==> flow/design.v <==
module my_reg_bank_top #(
    parameter ENTRIES = 4,
    parameter DATA_W = 8,
    parameter ADDR_WIDTH = $clog2(ENTRIES)
) (
    input  wire i_clk,
    input  wire RSTN,
    input  wire [ADDR_WIDTH-1:0] i_addr,
    input  wire i_write,
    input  wire [DATA_W-1:0] i_write_data,
    output wire [DATA_W-1:0] o_read_data
);
    reg [ADDR_WIDTH-1:0] r_addr;
    always @(posedge i_clk or negedge RSTN) begin
        if (~RSTN) begin
            r_addr <= 0;
        end else begin
            r_addr <= i_addr;
        end
    end
    reg r_write;
    always @(posedge i_clk or negedge RSTN) begin
        if (~RSTN) begin
            r_write <= 1'b0;
        end else begin
            r_write <= i_write;
        end
    end
    reg [DATA_W-1:0] r_write_data;
    always @(posedge i_clk or negedge RSTN) begin
        if (~RSTN) begin
            r_write_data <= 0;
        end else begin
            r_write_data <= i_write_data;
        end
    end
    reg [DATA_W-1:0] bank [0:ENTRIES-1];
    always @(posedge i_clk)
        if (r_write) bank[r_addr] <= r_write_data;
    assign o_read_data = bank[r_addr];
endmodule
* Step by step through the tools: my_reg_bank_top *
The steps from the RTL of my_reg_bank_top to its reports follow in flow order.
Lines are those of the file above, counted from 1.
Cell names lack the library's common part.
The mark - stands for no value.

set-up
  top module = my_reg_bank_top
  clock port = i_clk
  standard-cell library = sky130hd
  library corner = tt_025C_1v80

* Word level *
Yosys after proc, flatten, opt, wreduce and memory -nomap, before mapping. Enables and synchronous resets that opt folds into registers are not counted as muxes. Memory bits, and registers merged into a memory's read port (data or address), are not among the register bits. Print and check cells are not counted. Equal cells are merged and count once.
Yosys's memory passes give these memory sizes; they may raise the number of words (mostly to a power of two), join words into wider ones and drop unused or constant bits.

bit counts
  input bits = 13
  flip-flop bits (word level) = 11
  memories kept = 1
  elaborated cells = 7
  bits in writable memories = 32
  output and inout bits = 8

memories
  memory  words  bits a word  rd ports  wr ports  RTL line  RTL
  bank    4      8            1         1         37        reg [DATA_W-1:0] bank [0:ENTRIES-1];

operators by class
  multiplexer cells = 3

operators by type and width
  cell              number
  8-bit 2-to-1 mux  1
  2-bit 2-to-1 mux  1
  1-bit 2-to-1 mux  1

* Logic depth *
Longest topological path by Yosys (ltp), each cell counted once; first at word level (registers and memories cut), then after technology mapping (sequential cells cut; the memories' decode and read muxes count).

depth
  depth after elaboration = 1
  ABC_AREA = 1
  mapped depth = 7
  gate-level depth less buffers = 5

* Netlist *
Yosys stat after the flow's synthesis: flattened, memories mapped to cells. It holds for the ABC_AREA given above (unset counts as 0); a run with the other value may have another netlist.

cells by type
  cell      number  total area (um2)
  edfxtp_1  32      960.922
  dfrtp_1   11      275.264
  nand2_1   64      240.23
  nand2_2   8       50.048
  buf_6     2       22.522
  buf_12    1       20.019
  nor3_2    2       20.019
  inv_8     1       11.261
  nor3_1    2       10.01
  clkbuf_1  1       3.754
  inv_1     1       3.754
  inv_2     1       3.754

mapped netlist
  buffer cells = 4
  cells in the netlist = 126
  flip-flops = 43
  chip area (Yosys) = 1621.6 um2
  sequential area = 1236.2 um2

* Timing after synthesis *
Source: OpenSTA report_checks on the synthesized netlist (no wires, ideal clock, input and output delay 20% of the period each), path of least setup slack; recovery checks are left aside. Register names are those of the netlist, which keeps one name where synthesis merged equal registers.

path post-synthesis
  path kind = flip-flop to flip-flop
  from = register r_addr[0]
  to = memory bank[2][0]
  path delay = 1659 ps
  required time = 1647 ps
  stages = 4
  path buffers = 2
  library setup time = 383 ps
  setup slack = 371 ps
  time at the first pin = 0 ps
  period = 2030 ps
  arrival = 1276 ps
  synthesis period reached = 1659 ps

"path delay" is the arrival time less input delay plus setup time.
"stages": output pins that drive a net of the path, with the launching flip-flop's if there is one; two outputs of one cell count as two.
"synthesis period reached" is the clock period less the worst setup slack; recovery checks do not enter. This is arithmetic on one report: input and output delays are still those of the set period (20% each).
Between the ends stands the longest chain of elaborated cells between them, by number of cells; it is not shown to be the way that was timed. Of several equally long chains one is given.
Each line given opens the expression or statement behind the cell; cells for indexed reads and writes are added by Yosys, which also makes memories of some case tables.

on the way, post-synthesis
  path through = dfrtp_1 -> buf_6 -> buf_6 -> nor3_1
  length of the longest elaborated chain = 1
  elaborated cells between the ends (all ways) = 1
  source lines of those cells = 1
  classes of those cells = mux (1)

ends and longest elaborated chain, post-synthesis
  item              RTL line  RTL
  from (decl)       13        reg [ADDR_WIDTH-1:0] r_addr;
  from (assign)     16        r_addr <= 0;
  from (assign)     18        r_addr <= i_addr;
  2-bit 2-to-1 mux  39        if (r_write) bank[r_addr] <= r_write_data;
  to (decl)         37        reg [DATA_W-1:0] bank [0:ENTRIES-1];

* Worst path after layout *
From the final timing report of entry A: the path of least setup slack in the routed layout; clock arrival at registers is part of the times.
The path's times are printed in steps of 10 ps; the period is the one set.

path after layout
  path kind = flip-flop to output port
  from = register r_addr[0]
  to = output port o_read_data[4]
  setup slack = 150 ps
  external output delay = 420 ps
  required time = 1700 ps
  period = 2120 ps
  arrival = 1550 ps
  path buffers = 2
  stages = 8
  time at the first pin = 290 ps

Between the ends stands the longest chain of elaborated cells between them, by number of cells; it is not shown to be the way that was timed. Of several equally long chains one is given.
A memory read counts as a cell of the chain, while the word-level depth stops at memories.

on the way, after layout
  path through = dfrtp_1 -> buf_12 -> inv_12 -> nand2_1 -> nand2_1 -> nand2_1 -> nand2_1 -> dlygate4sd2_1
  length of the longest elaborated chain = 1
  elaborated cells between the ends (all ways) = 1
  source lines of those cells = 1
  classes of those cells = memory (1)

ends and longest elaborated chain, after layout
  item              RTL line  RTL
  from (decl)       13        reg [ADDR_WIDTH-1:0] r_addr;
  from (assign)     16        r_addr <= 0;
  from (assign)     18        r_addr <= i_addr;
  memory 4 x 8 bit  37        reg [DATA_W-1:0] bank [0:ENTRIES-1];
  to (decl)         11        output wire [DATA_W-1:0] o_read_data

==> runs of my_reg_bank_top <==
Flow measurements of my_reg_bank_top on sky130hd: 3 stored runs with different settings, listed in no order. Input and output delays are each 20% of the period that was set; the output load is 0.01 pF.
By "achieved period" is meant the clock period of the run minus its worst setup slack. This is arithmetic on one report: input and output delays are still those of the set period (20% each).
"total design power" is the tool's figure for a default switching activity; nothing was simulated.
Among the settings, -- means not set for that run.

setting or result                                        entry A   entry B   entry C
period_ns                                                2.12      1.32      2.03
CORE_UTILIZATION                                         33        31        40
CORE_MARGIN                                              6         2         2
CELL_PAD_IN_SITES_DETAIL_PLACEMENT                       2         2         --
ABC_AREA                                                 1         0         --
GPL_ROUTABILITY_DRIVEN                                   1         --        --
CTS_CLUSTER_DIAMETER                                     286       --        --
SLEW_MARGIN                                              10        20        20
CAP_MARGIN                                               20        20        20
SETUP_SLACK_MARGIN                                       --        0.28      --
PLACE_DENSITY_LB_ADDON                                   --        0.2       --
MAX_ROUTING_LAYER                                        --        met4      --
netlist area reported by Yosys (um2)                     1621.6    1475.2    1475.2
overall die area (um2)                                   6740.4    5326.1    4190.0
worst setup slack after layout (ps)                      150       -506      59
total design power (W)                                   0.001638  0.002577  0.001607
area of the standard cells in the finished layout (um2)  2037.0    1954.4    1845.5
achieved period (ps)                                     1970      1826      1971
utilization after routing (%)                            44.9      41.9      51.2
